==> flow/design.v <==
module my_selector_rtl #(
    parameter W = 32
) (
    input wire clk,
    input wire nrst,
    input wire [W-1:0] din0,
    input wire [W-1:0] din1,
    input wire [W-1:0] din2,
    input wire [W-1:0] din3,
    input wire [W-1:0] din4,
    input wire [W-1:0] din5,
    input wire [W-1:0] din6,
    input wire [W-1:0] din7,
    input wire [2:0] sel,
    output wire [W-1:0] q
);
    reg [W-1:0] din0_ff;
    reg [W-1:0] din1_ff;
    reg [W-1:0] din2_ff;
    reg [W-1:0] din3_ff;
    reg [W-1:0] din4_ff;
    reg [W-1:0] din5_ff;
    reg [W-1:0] din6_ff;
    reg [W-1:0] din7_ff;
    reg [2:0] sel_ff;
    always @(posedge clk or negedge nrst) begin
        if (!nrst) begin
            din0_ff <= 0;
            din1_ff <= 0;
            din2_ff <= 0;
            din3_ff <= 0;
            din4_ff <= 0;
            din5_ff <= 0;
            din6_ff <= 0;
            din7_ff <= 0;
            sel_ff <= 0;
        end else begin
            din0_ff <= din0;
            din1_ff <= din1;
            din2_ff <= din2;
            din3_ff <= din3;
            din4_ff <= din4;
            din5_ff <= din5;
            din6_ff <= din6;
            din7_ff <= din7;
            sel_ff <= sel;
        end
    end
    reg [W-1:0] t;
    always @* begin
        if (sel_ff == 0) t = din0_ff;
        else if (sel_ff == 1) t = din1_ff;
        else if (sel_ff == 2) t = din2_ff;
        else if (sel_ff == 3) t = din3_ff;
        else if (sel_ff == 4) t = din4_ff;
        else if (sel_ff == 5) t = din5_ff;
        else if (sel_ff == 6) t = din6_ff;
        else t = din7_ff;
    end
    assign q = t;
endmodule
## Tool chain data of my_selector_rtl

The steps from the RTL of my_selector_rtl to its reports follow in flow order.
Lines are those of the file above, counted from 1.
Operators: Yosys type, input widths -> output width; for muxes data width and select width s.
Library cell names are shortened.
Not given: --

| inputs | value |
|---|---|
| design top | my_selector_rtl |
| clock input | clk |
| cell library | sky130hd |
| timing corner | tt_025C_1v80 |

## Word-level counts

Counts by Yosys on the flattened word-level netlist (proc, flatten, opt, wreduce; memories kept). Register bits leave out memories and registers merged into their read ports (data or address); mux counts leave out enables and synchronous resets folded into registers. Print and check cells are left out. Cells with the same type and inputs are merged into one.

| bit counts | value |
|---|---|
| register bits after elaboration | 259 |
| latch bits | 0 |
| memory bits (writable) | 0 |
| ROM bits | 0 |
| clocked read ports x word width | 0 |
| memories | 0 |
| bits of input ports | 261 |
| output and inout bits | 32 |
| elaborated cells | 23 |

| operators by class | value |
|---|---|
| add/sub/neg operators | 0 |
| $mul | 0 |
| divide/modulo/power cells | 0 |
| $lt $le $gt $ge | 0 |
| equal/unequal tests | 6 |
| shift operators | 0 |
| muxes and demuxes | 7 |
| bitwise logic cells | 0 |
| reduce/logical cells | 1 |

Operators with widths:

| operator | number |
|---|---|
| $mux 32 | 7 |
| $eq 3x3->1 const B | 3 |
| $eq 3x2->1 const B | 2 |
| $eq 3x1->1 const B | 1 |
| $logic_not 3->1 | 1 |

## Longest topological paths

Depth = most cells in a row (Yosys ltp): at word level without a register or memory, in the mapped netlist without a sequential cell, where the memories' decode and read muxes count.

| depth | value |
|---|---|
| depth in word-level cells | 8 |
| ABC_AREA | 0 |
| mapped depth | 8 |
| mapped depth without buffers | 4 |

## After synthesis

The flow's flattened synthesis, as Yosys stat reports it; memories are mapped. The netlist is that of the ABC_AREA named above (0 if unset); the other value can give another one.
Totals and module areas in this step are rounded.

Cell types:

| cell type | number | area in all (sq um) |
|---|---|---|
| dfrtp_1 | 259 | 6.48E+03 |
| mux2_2 | 30 | 337.824 |
| mux4_1 | 12 | 315.302 |
| mux4_2 | 14 | 315.302 |
| mux2i_1 | 26 | 260.25 |
| o221a_2 | 12 | 135.13 |
| o22a_1 | 12 | 105.101 |
| o2bb2ai_1 | 12 | 105.101 |
| o32ai_1 | 12 | 105.101 |
| nand2_1 | 22 | 82.579 |
| a31oi_1 | 12 | 75.072 |
| buf_2 | 13 | 65.062 |
| buf_6 | 5 | 56.304 |
| inv_1 | 14 | 52.55 |
| o221ai_1 | 6 | 52.55 |
| clkbuf_1 | 10 | 37.536 |
| a22o_1 | 4 | 35.034 |
| nor2b_1 | 5 | 31.28 |

Not listed: further types 11, cells in them 32.

| mapped netlist | value |
|---|---|
| cells in the netlist | 512 |
| mapped area | 8,840 sq um |
| area of sequential cells | 6,480 sq um |
| flip-flop cells | 259 |
| buffers | 32 |

## Worst setup path after synthesis

Source: OpenSTA report_checks on the synthesized netlist (no wires, ideal clock, input and output delay 20% of the period each), path of least setup slack; recovery checks are left aside. Register names are those of the netlist, which keeps one name where synthesis merged equal registers.

| timing path post-synthesis | value |
|---|---|
| path kind | reg-to-output |
| from | reg sel_ff[0] |
| to | out q[1] |
| clock period | 2.34 ns |
| external output delay | 0.468 ns |
| launch time at the first pin | 0.000 ns |
| arrival time | 1.499 ns |
| data required time | 1.872 ns |
| path slack | 0.373 ns |
| path delay | 1.499 ns |
| driving pins on the path | 5 |
| buffers on the path | 2 |
| synthesis period reached | 1.967 ns |

"path delay" is the arrival time less input delay plus setup time.
At an output port there is no setup time.
"driving pins on the path" counts driving pins, that of a launching flip-flop among them; a cell with two outputs on the path counts twice.
"synthesis period reached" is the clock period less the worst setup slack; recovery checks do not enter. This is arithmetic on one report: input and output delays are still those of the set period (20% each).
Between the ends stands the longest chain of elaborated cells between them, by number of cells; it is not shown to be the way that was timed. Of several equally long chains one is given.
Each line given opens the expression or statement behind the cell; cells for indexed reads and writes are added by Yosys, which also makes memories of some case tables.

| between the ends, post-synthesis | value |
|---|---|
| cell sequence | dfrtp_1 buf_6 buf_6 mux4_1 mux2_2 |
| cells in the longest elaborated chain | 8 |
| elaborated cells on any way between the ends | 14 |
| source lines of those cells | 7 |
| classes of those cells | eq/ne (6); mux (7); reduce/logical (1) |

RTL lines, path post-synthesis:

| element | line | text |
|---|---|---|
| start: declaration | 25 | `reg [2:0] sel_ff;` |
| start: assignment | 36 | `sel_ff <= 0;` |
| start: assignment | 46 | `sel_ff <= sel;` |
| $eq 3x3->1 | 57 | `else if (sel_ff == 6) t = din6_ff;` |
| $mux 32 | 57 |  |
| $mux 32 | 56 | `else if (sel_ff == 5) t = din5_ff;` |
| $mux 32 | 55 | `else if (sel_ff == 4) t = din4_ff;` |
| $mux 32 | 54 | `else if (sel_ff == 3) t = din3_ff;` |
| $mux 32 | 53 | `else if (sel_ff == 2) t = din2_ff;` |
| $mux 32 | 52 | `else if (sel_ff == 1) t = din1_ff;` |
| $mux 32 | 51 | `if (sel_ff == 0) t = din0_ff;` |
| end: declaration | 15 | `output wire [W-1:0] q` |

## Worst path after layout

From the final timing report of flow run A: the path of least setup slack in the routed layout; clock arrival at registers is part of the times.

| timing path after layout | value |
|---|---|
| path kind | reg-to-output |
| from | reg sel_ff[0] |
| to | out q[18] |
| clock period | 2.12 ns |
| external output delay | 0.42 ns |
| launch time at the first pin | 0.51 ns |
| arrival time | 2.31 ns |
| data required time | 1.70 ns |
| path slack | -0.61 ns |
| driving pins on the path | 7 |
| buffers on the path | 3 |

Between the ends stands the longest chain of elaborated cells between them, by number of cells; it is not shown to be the way that was timed. Of several equally long chains one is given.

| between the ends, after layout | value |
|---|---|
| cell sequence | dfrtp_4 buf_4 buf_12 mux2_2 o22a_1 o221a_4 clkbuf_2 |
| cells in the longest elaborated chain | 8 |
| elaborated cells on any way between the ends | 14 |
| source lines of those cells | 7 |
| classes of those cells | eq/ne (6); mux (7); reduce/logical (1) |

RTL lines, path after layout:

| element | line | text |
|---|---|---|
| start: declaration | 25 | `reg [2:0] sel_ff;` |
| start: assignment | 36 | `sel_ff <= 0;` |
| start: assignment | 46 | `sel_ff <= sel;` |
| $eq 3x3->1 | 57 | `else if (sel_ff == 6) t = din6_ff;` |
| $mux 32 | 57 |  |
| $mux 32 | 56 | `else if (sel_ff == 5) t = din5_ff;` |
| $mux 32 | 55 | `else if (sel_ff == 4) t = din4_ff;` |
| $mux 32 | 54 | `else if (sel_ff == 3) t = din3_ff;` |
| $mux 32 | 53 | `else if (sel_ff == 2) t = din2_ff;` |
| $mux 32 | 52 | `else if (sel_ff == 1) t = din1_ff;` |
| $mux 32 | 51 | `if (sel_ff == 0) t = din0_ff;` |
| end: declaration | 15 | `output wire [W-1:0] q` |

==> runs of my_selector_rtl <==
Flow measurements of my_selector_rtl on sky130hd: 3 stored runs with different settings, listed in no order. Input and output delays are each 20% of the period that was set; the output load is 0.01 pF.
"achieved period" is the run's clock period less its worst setup slack. It is reckoned from that one timing run; input and output delays stay at 20% of the period that was set.
"worst path time": the worst setup path's part of the clock period (all of it between registers, 20% less for each end at a port) less its slack. A launch clock that arrives late makes it longer, a capture clock that arrives late makes it shorter.
"power consumption" rests on the timing tool's default activity at the inputs, not on a simulated workload.
The results are shown rounded.
Settings: - = not set for that run.

| run name | period_ns | CORE_UTILIZATION | SETUP_SLACK_MARGIN | CORE_MARGIN | CTS_CLUSTER_SIZE | MIN_ROUTING_LAYER | MAX_ROUTING_LAYER | CAP_MARGIN | SLEW_MARGIN | PLACE_DENSITY_LB_ADDON | CORE_ASPECT_RATIO | TNS_END_PERCENT | ABC_AREA | GPL_TIMING_DRIVEN | post-synthesis cell area (sq um) | standard-cell area of the final layout (sq um) | achieved period (ns) | worst hold slack in the final report (ns) | final setup TNS (ns) | power consumption (W) | final utilization (%) | die footprint (sq um) | setup slack of the worst path (ns) | worst path time (ns) | type of the worst setup path |
|---|---|---|---|---|---|---|---|---|---|---|---|---|---|---|---|---|---|---|---|---|---|---|---|---|---|
| flow run A | 2.12 | 55 | 0.39 | 10 | 71 | met2 | met5 | 20 | 20 | - | - | - | - | - | 8,840 | 13,900 | 2.729 | 0.332 | -16.9 | 0.0114 | 88.1 | 21,600 | -0.609 | 2.31 | reg-to-output |
| flow run B | 1.87 | 21 | 0.39 | 9 | - | met1 | - | 20 | 20 | 0.2 | 1.07 | 30 | 1 | 1 | 9,370 | 15,100 | 2.853 | 0.229 | -25.8 | 0.0139 | 34.5 | 52,600 | -0.983 | 2.48 | reg-to-output |
| flow run C | 2.34 | 40 | - | 2 | - | - | - | 20 | 20 | - | - | - | - | - | 8,840 | 13,600 | 2.735 | 0.376 | -9.99 | 0.0103 | 62.5 | 23,300 | -0.395 | 2.27 | reg-to-output |
